==> flow/design.v <==
module addsub_mod #(
  parameter int BITS = 10
) (
  input  logic aclk,
  input  logic aresetn,
  input  logic [BITS-1:0] i_opa,
  input  logic i_minus,
  input  logic i_zero,
  output logic [BITS-1:0] o_q
);
  logic [BITS-1:0] opa_d1;
  logic minus_d1;
  logic zero_d1;
  logic [BITS-1:0] acc;
  assign o_q = acc;
  always_ff @(posedge aclk or negedge aresetn) begin
    if (~aresetn) begin
      opa_d1 <= 0;
      minus_d1 <= 1'b0;
      zero_d1 <= 1'b0;
      acc <= 0;
    end else begin
      opa_d1 <= i_opa;
      minus_d1 <= i_minus;
      zero_d1 <= i_zero;
      acc <= zero_d1 ? opa_d1 : minus_d1 ? acc - opa_d1 : acc + opa_d1;
    end
  end
endmodule
# Reports on addsub_mod
# What the tools print for addsub_mod, step after step.
# Line numbers count from 1 in the design file above.
# Operators: Yosys type, input widths -> output width; for muxes data width and select width s.
# Library cell names are shortened.
# The mark -- stands for no value.
[inputs]
top = "addsub_mod"
clock_port = "aclk"
lib = "sky130hd"
corner = "tt_025C_1v80"

# Elaborated design
# Yosys after proc, flatten, opt, wreduce and memory -nomap, before mapping. Enables and synchronous resets that opt folds into registers are not counted as muxes. Memory bits, and registers merged into a memory's read port (data or address), are not among the register bits. Print and check cells are not counted. Equal cells are merged and count once.
[word_totals]
ff_bits = 22
inputBits = 14
output_inout_bits = 10
word_cells = 8
[classes]
addsub = 2
mux = 2
[op_table]
columns = ["cell", "count"]
rows = [
  ["$mux 10", 2],
  ["$add 10x10->10", 1],
  ["$sub 10x10->10", 1],
]

# Longest topological paths
# Longest topological path by Yosys (ltp), each cell counted once; first at word level (registers and memories cut), then after technology mapping (sequential cells cut; the memories' decode and read muxes count).
[depth]
ltp_word = 3
abc_area = 0
ltp_mapped = 12
ltp_nobuf = 12

# After synthesis
# The flow's flattened synthesis, as Yosys stat reports it; memories are mapped. The netlist is that of the ABC_AREA named above (0 if unset); the other value can give another one.
# Totals and module areas in this step are rounded.
[synth_totals]
cell_count = 121
area_um2 = 1250
sequential_area_um2 = 551
flip_flops = 22
n_buf = 3
[types]
columns = ["cell_type", "count", "type_area_um2"]
rows = [
  ["dfrtp_1", 22, 550.528],
  ["ha_1", 10, 125.12],
  ["xnor2_1", 10, 87.584],
  ["nand2_1", 11, 41.29],
  ["a21oi_1", 7, 35.034],
  ["xor2_1", 4, 35.034],
  ["inv_1", 7, 26.275],
  ["nor2_1", 7, 26.275],
  ["o21ai_1", 5, 25.024],
  ["a211oi_4", 1, 20.019],
  ["fa_1", 1, 20.019],
  ["mux2i_1", 2, 20.019],
  ["o21ai_0", 4, 20.019],
  ["a31oi_1", 3, 18.768],
  ["nand2b_1", 3, 18.768],
  ["a21oi_2", 2, 17.517],
  ["a41oi_2", 1, 16.266],
  ["a211oi_1", 2, 15.014],
]
# Other cell types: 15; their cells: 19.

# Timing after synthesis
# OpenSTA on the mapped netlist: ideal clock, no wires. The path of least setup slack (recovery checks aside). Input and output delay are each 20% of the period. Register names are those of the netlist, which keeps one name where synthesis merged equal registers.
[synth_path]
kind = "reg-to-reg"
startpoint = "register opa_d1[0]"
endpoint = "register acc[9]"
tclk_ns = 2.87
setup_time_ns = 0.128
launch_ns = 0.000
arrival_ns = 2.164
required_ns = 2.742
slack_ns = 0.579
path_delay_ns = 2.292
path_stages = 13
n_path_buf = 0
synth_period_reached_ns = 2.291
# "path_delay_ns" is the arrival time less input delay plus setup time.
# "path_stages" counts driving pins, that of a launching flip-flop among them; a cell with two outputs on the path counts twice.
# "synth_period_reached_ns" is the clock period less the worst setup slack; recovery checks do not enter. This is arithmetic on one report: input and output delays are still those of the set period (20% each).
# Between the ends stands the longest chain of elaborated cells between them, by number of cells; it is not shown to be the way that was timed. Of several equally long chains one is given.
# A line is the first line of the expression or statement that the cell stems from. Yosys adds cells for indexed reads and writes and turns some case tables into memories.
[synth_via]
cell_sequence = "dfrtp_1 -> inv_1 -> ha_1 -> a31oi_1 -> o21bai_1 -> xnor2_1 -> ha_1 -> nand2_1 -> a211oi_1 -> a21oi_1 -> a21oi_1 -> nor3b_2 -> xor2_1"
elab_chain_len = 3
cone_cells = 4
cone_lines = 1
classes_between = "2 x add/sub; 2 x mux"
[synth_lines]
columns = ["element", "line", "rtl"]
rows = [
  ["start, declared", 11, "logic [BITS-1:0] opa_d1;"],
  ["start, assigned", 18, "opa_d1 <= 0;"],
  ["start, assigned", 23, "opa_d1 <= i_opa;"],
  ["$add 10x10->10", 26, "acc <= zero_d1 ? opa_d1 : minus_d1 ? acc - opa_d1 : acc + opa_d1;"],
  ["$mux 10 x2", 26, ""],
  ["end, assigned", 21, "acc <= 0;"],
  ["end, assigned", 26, ""],
  ["end, declared", 14, "logic [BITS-1:0] acc;"],
]

# Path in the finished layout
# Path of least setup slack in the final report of job 1 (OpenROAD, finished layout, wires in). Where an end is a register, its clock arrival counts in the times.
[layout_path]
kind = "reg-to-reg"
startpoint = "register opa_d1[0]"
endpoint = "register acc[9]"
tclk_ns = 2.87
setup_time_ns = 0.10
launch_ns = 0.30
arrival_ns = 2.75
required_ns = 3.06
slack_ns = 0.31
path_stages = 13
n_path_buf = 0
# Between the ends stands the longest chain of elaborated cells between them, by number of cells; it is not shown to be the way that was timed. Of several equally long chains one is given.
[layout_via]
cell_sequence = "dfrtp_1 -> inv_1 -> ha_1 -> a31oi_1 -> o21bai_1 -> xnor2_1 -> ha_1 -> nand2_1 -> a211oi_1 -> a21oi_1 -> a21oi_1 -> nor3b_2 -> xor2_1"
elab_chain_len = 3
cone_cells = 4
cone_lines = 1
classes_between = "2 x add/sub; 2 x mux"
[layout_lines]
columns = ["element", "line", "rtl"]
rows = [
  ["start, declared", 11, "logic [BITS-1:0] opa_d1;"],
  ["start, assigned", 18, "opa_d1 <= 0;"],
  ["start, assigned", 23, "opa_d1 <= i_opa;"],
  ["$add 10x10->10", 26, "acc <= zero_d1 ? opa_d1 : minus_d1 ? acc - opa_d1 : acc + opa_d1;"],
  ["$mux 10 x2", 26, ""],
  ["end, assigned", 21, "acc <= 0;"],
  ["end, assigned", 26, ""],
  ["end, declared", 14, "logic [BITS-1:0] acc;"],
]

# Flow measurements of addsub_mod on sky130hd: 3 stored runs with different settings, listed in no order. Input and output delays are each 20% of the period that was set; the output load is 0.01 pF.
# "timing.achieved_period_ns" is the run's clock period less its worst setup slack. It is reckoned from that one timing run; input and output delays stay at 20% of the period that was set.
# By "timing.worst_path_ns" is meant the share of the clock period that the worst setup path is allowed (20% is reserved at inputs, 20% at outputs), minus its slack. Clock arrival times at its registers enter into it.
# "fin_power_uw" is the tool's figure for a default switching activity; nothing was simulated.
# Values from the reports are rounded here.

[[run]]
name = "job 1"
[run.settings]
period_ns = 2.87
CAP_MARGIN = 20
CORE_MARGIN = 2
CORE_UTILIZATION = 40
SLEW_MARGIN = 20
[run.results]
finalUtil_pct = 52.3
total_die_area_um2 = 3590
worst_hold_slack_ns = 0.445
timing.worst_path_ns = 2.56
timing.worst_path_kind = "reg-to-reg"
worst_setup_slack_ns = 0.310
yosys_chip_area_um2 = 1250
fin_power_uw = 1310
cell_area_final_um2 = 1570
tns_setup_ns = 0.000
timing.achieved_period_ns = 2.560

[[run]]
name = "job 2"
[run.settings]
period_ns = 3.98
CORE_UTILIZATION = 62
PLACE_DENSITY_LB_ADDON = 0.23
CORE_ASPECT_RATIO = 0.73
TNS_END_PERCENT = 30
ABC_AREA = 0
GPL_ROUTABILITY_DRIVEN = 1
CTS_CLUSTER_SIZE = 84
SLEW_MARGIN = 0
MIN_ROUTING_LAYER = "met2"
CAP_MARGIN = 20
CORE_MARGIN = 2
[run.results]
finalUtil_pct = 85.6
total_die_area_um2 = 2400
worst_hold_slack_ns = 0.437
timing.worst_path_ns = 2.73
timing.worst_path_kind = "reg-to-reg"
worst_setup_slack_ns = 1.25
yosys_chip_area_um2 = 1250
fin_power_uw = 981
cell_area_final_um2 = 1570
tns_setup_ns = 0.000
timing.achieved_period_ns = 2.729

[[run]]
name = "job 3"
[run.settings]
period_ns = 1.42
CORE_UTILIZATION = 71
PLACE_DENSITY_LB_ADDON = 0.25
CORE_MARGIN = 5
CELL_PAD_IN_SITES_DETAIL_PLACEMENT = 2
TNS_END_PERCENT = 70
GPL_ROUTABILITY_DRIVEN = 1
CTS_CLUSTER_SIZE = 85
CTS_CLUSTER_DIAMETER = 227
CAP_MARGIN = 20
SLEW_MARGIN = 20
[run.results]
outcome = "no final report: placement broke off with DPL-0038"
